==> flow/design.v <==
module ex_sel_unit_blk_sel2 #(parameter N = 1) (
    input wire [N-1:0] a,
    input wire [N-1:0] b,
    input wire s,
    output wire [N-1:0] y
);
    assign y = s ? b : a;
endmodule
module ex_sel_unit_blk #(
    parameter W = 16,
    parameter COUNT = 16,
    parameter SW = $clog2(COUNT)
) (
    input  wire sys_clk,
    input  wire rst_i,
    input  wire [COUNT*W-1:0] src,
    input  wire [SW-1:0] sel,
    output reg [W-1:0] res
);
    reg [COUNT*W-1:0] src_s;
    reg [SW-1:0] sel_s;
    wire [W-1:0] tree [1:2*COUNT-1];
    genvar gi;
    generate
        for (gi = 0; gi < COUNT; gi = gi + 1) begin : each
            assign tree[COUNT+gi] = src_s[gi*W +: W];
        end
        for (gi = 1; gi < COUNT; gi = gi + 1) begin : blk
            ex_sel_unit_blk_sel2 #(.N(W)) inst (.a(tree[2*gi]), .b(tree[2*gi+1]), .s(sel_s[SW - $clog2(gi+1)]), .y(tree[gi]));
        end
    endgenerate
    always @(posedge sys_clk or posedge rst_i) begin
        if (rst_i) begin
            src_s <= 0;
            sel_s <= 0;
            res <= 0;
        end else begin
            src_s <= src;
            sel_s <= sel;
            res <= tree[1];
        end
    end
endmodule
# == Step by step through the tools: ex_sel_unit_blk ==
# The steps from the RTL of ex_sel_unit_blk to its reports follow in flow order.
# Lines are those of the file above, counted from 1.
# Operators carry their Yosys type and port widths (W data, S select, Z words).
# Library cell names are shortened.
# Not given: --
# inputs
design,ex_sel_unit_blk
clock,sys_clk
cell_library,sky130hd
lib_corner,tt_025C_1v80

# == Word-level counts ==
# Counts by Yosys on the flattened word-level netlist (proc, flatten, opt, wreduce). Print and check cells are left out. Cells with the same type and inputs are merged into one.
# op_classes
addsub,0
mul,0
div,0
cmp,0
equal,0
shifts,0
mux,15
logic,0
reduce_and_logical,0
# op_table
op,n
$mux W16,15
# word_totals
regBits,276
latch_bits,0
ramBits,0
mem_bits_ro,0
clocked_rd_ports_x_width,0
mem_count,0
inputBits,262
out_inout_bits,16
wordCells,18

# == Logic depth ==
# Yosys ltp: most cells in a row. Word level: on the elaborated netlist, between registers, memories and ports. Mapped: between sequential cells and ports; inverters and the memories' decode and read muxes count.
# depth
word_depth,4
ABC_AREA,1
mapped_depth,9
depth_no_buf,7

# == Netlist ==
# Yosys stat after the flow's synthesis: flattened, memories mapped to cells. It holds for the ABC_AREA given above (unset counts as 0); a run with the other value may have another netlist.
# The area totals of this step are shown rounded.
# types
cell_type,n,type_area_um2
dfrtp_1,276,6.91E+03
nand2_1,336,1261.21
nand3_1,192,960.922
inv_1,195,731.952
buf_4,19,142.637
buf_2,21,105.101
buf_6,3,33.782
clkbuf_1,6,22.522
buf_1,2,7.507
inv_2,2,7.507
# synth_totals
cell_count,1052
synth_area_mm2,0.01018
seqArea_mm2,0.006907
ff_cells,276

# == Path before layout ==
# OpenSTA on the mapped netlist: ideal clock, no wires. The path of least setup slack (recovery checks aside). Input and output delay are each 20% of the period. Register names are those of the netlist, which keeps one name where synthesis merged equal registers.
# synth_path
path_type,reg2reg
start,reg sel_s[0]
end,reg res[11]
clock_period_ps,1920
t_first_pin_ps,0
t_arrival_ps,1018
required_time_ps,1802
slack_ps,784
path_delay_ps,1136
stages,9
path_buffers,2
period_less_setup_slack_ps,1136
# "path_delay_ps" = arrival - input delay + setup time.
# "stages" counts driving pins, that of a launching flip-flop among them; a cell with two outputs on the path counts twice.
# "period_less_setup_slack_ps" is the clock period less the worst setup slack; recovery checks do not enter. This is arithmetic on one report: input and output delays are still those of the set period (20% each).
# Between the ends stands the longest chain of elaborated cells between them, by number of cells; it is not shown to be the way that was timed. Of several equally long chains one is given.
# Each line given opens the expression or statement behind the cell; cells for indexed reads and writes are added by Yosys, which also makes memories of some case tables.
# synth_via
cell_sequence,dfrtp_1 -> inv_2 -> buf_6 -> buf_2 -> nand2_1 -> nand3_1 -> nand3_1 -> nand3_1 -> nand2_1
elab_chain_len,4
cells_between,15
cone_lines,1
cone_classes,mux (15)
# synth_rtl
element,line_no,rtl
from (decl),21,reg [SW-1:0] sel_s;
from (assign),35,sel_s <= 0;
from (assign),39,sel_s <= sel;
$mux W16 x4,7,assign y = s ? b : a;
to (assign),36,res <= 0;
to (assign),40,res <= tree[1];
to (decl),18,output reg [W-1:0] res

# == Timing after layout ==
# From the final timing report of run 1: the path of least setup slack in the routed layout; clock arrival at registers is part of the times.
# The report prints the path's times to 10 ps; the period is as set.
# layout_path
path_type,reg2reg
start,reg sel_s[0]
end,reg res[7]
clock_period_ps,1570
t_first_pin_ps,530
t_arrival_ps,1970
required_time_ps,1990
slack_ps,20
stages,9
path_buffers,2
# Between the ends stands the longest chain of elaborated cells between them, by number of cells; it is not shown to be the way that was timed. Of several equally long chains one is given.
# layout_via
cell_sequence,dfrtp_2 -> inv_2 -> buf_12 -> buf_4 -> nand2_1 -> nand3_1 -> nand3_1 -> nand3_2 -> nand2_1
elab_chain_len,4
cells_between,15
cone_lines,1
cone_classes,mux (15)
# layout_rtl
element,line_no,rtl
from (decl),21,reg [SW-1:0] sel_s;
from (assign),35,sel_s <= 0;
from (assign),39,sel_s <= sel;
$mux W16 x4,7,assign y = s ? b : a;
to (assign),36,res <= 0;
to (assign),40,res <= tree[1];
to (decl),18,output reg [W-1:0] res

# Below are 3 stored runs of the flow (Yosys, OpenROAD; platform sky130hd) on ex_sel_unit_blk, each with its settings and what was measured, unordered. Constraints: input delay and output delay 20% of the set period each, output load 0.01 pF.
# "timing.achieved_period_ps" = clock period - worst setup slack. The figure is calculated, with input and output delays left at 20% of the set period.
# By "worst_setup_path_time_ps" is meant the share of the clock period that the worst setup path is allowed (20% is reserved at inputs, 20% at outputs), minus its slack. Clock arrival times at its registers enter into it.
# "power.total_uw" is the tool's figure for a default switching activity; nothing was simulated.
# "worst_setup_path_time_ps" is known to 10 ps.
# The results are shown rounded.
# Settings: -- = not set for that run.
# A result given as -- is not shown for that run.
item,run 1,run 2,run 3
period_ns,1.57,1.92,0.998
CORE_UTILIZATION,46,40,70
PLACE_DENSITY,0.65,--,0.52
HOLD_SLACK_MARGIN,0.26,--,--
CORE_MARGIN,7,2,9
TNS_END_PERCENT,45,--,--
ABC_AREA,1,--,--
GPL_TIMING_DRIVEN,0,--,--
GPL_ROUTABILITY_DRIVEN,0,--,1
CTS_CLUSTER_SIZE,15,--,24
CAP_MARGIN,20,20,20
SLEW_MARGIN,20,20,20
SETUP_SLACK_MARGIN,--,--,0.18
MAX_ROUTING_LAYER,--,--,met4
die_footprint_mm2,0.02649,0.02341,--
worst_setup_slack_ps,17,49,--
worst_setup_path_time_ps,1550,1490,--
critical_path_kind,reg2reg,reg2out,--
finish.stdcell_area_mm2,0.01717,0.01309,--
synthArea_mm2,0.01018,0.00888,--
timing.achieved_period_ps,1553,1871,--
power.total_uw,16860,13110,--
# Run 3: no results, placement failed with a tool error
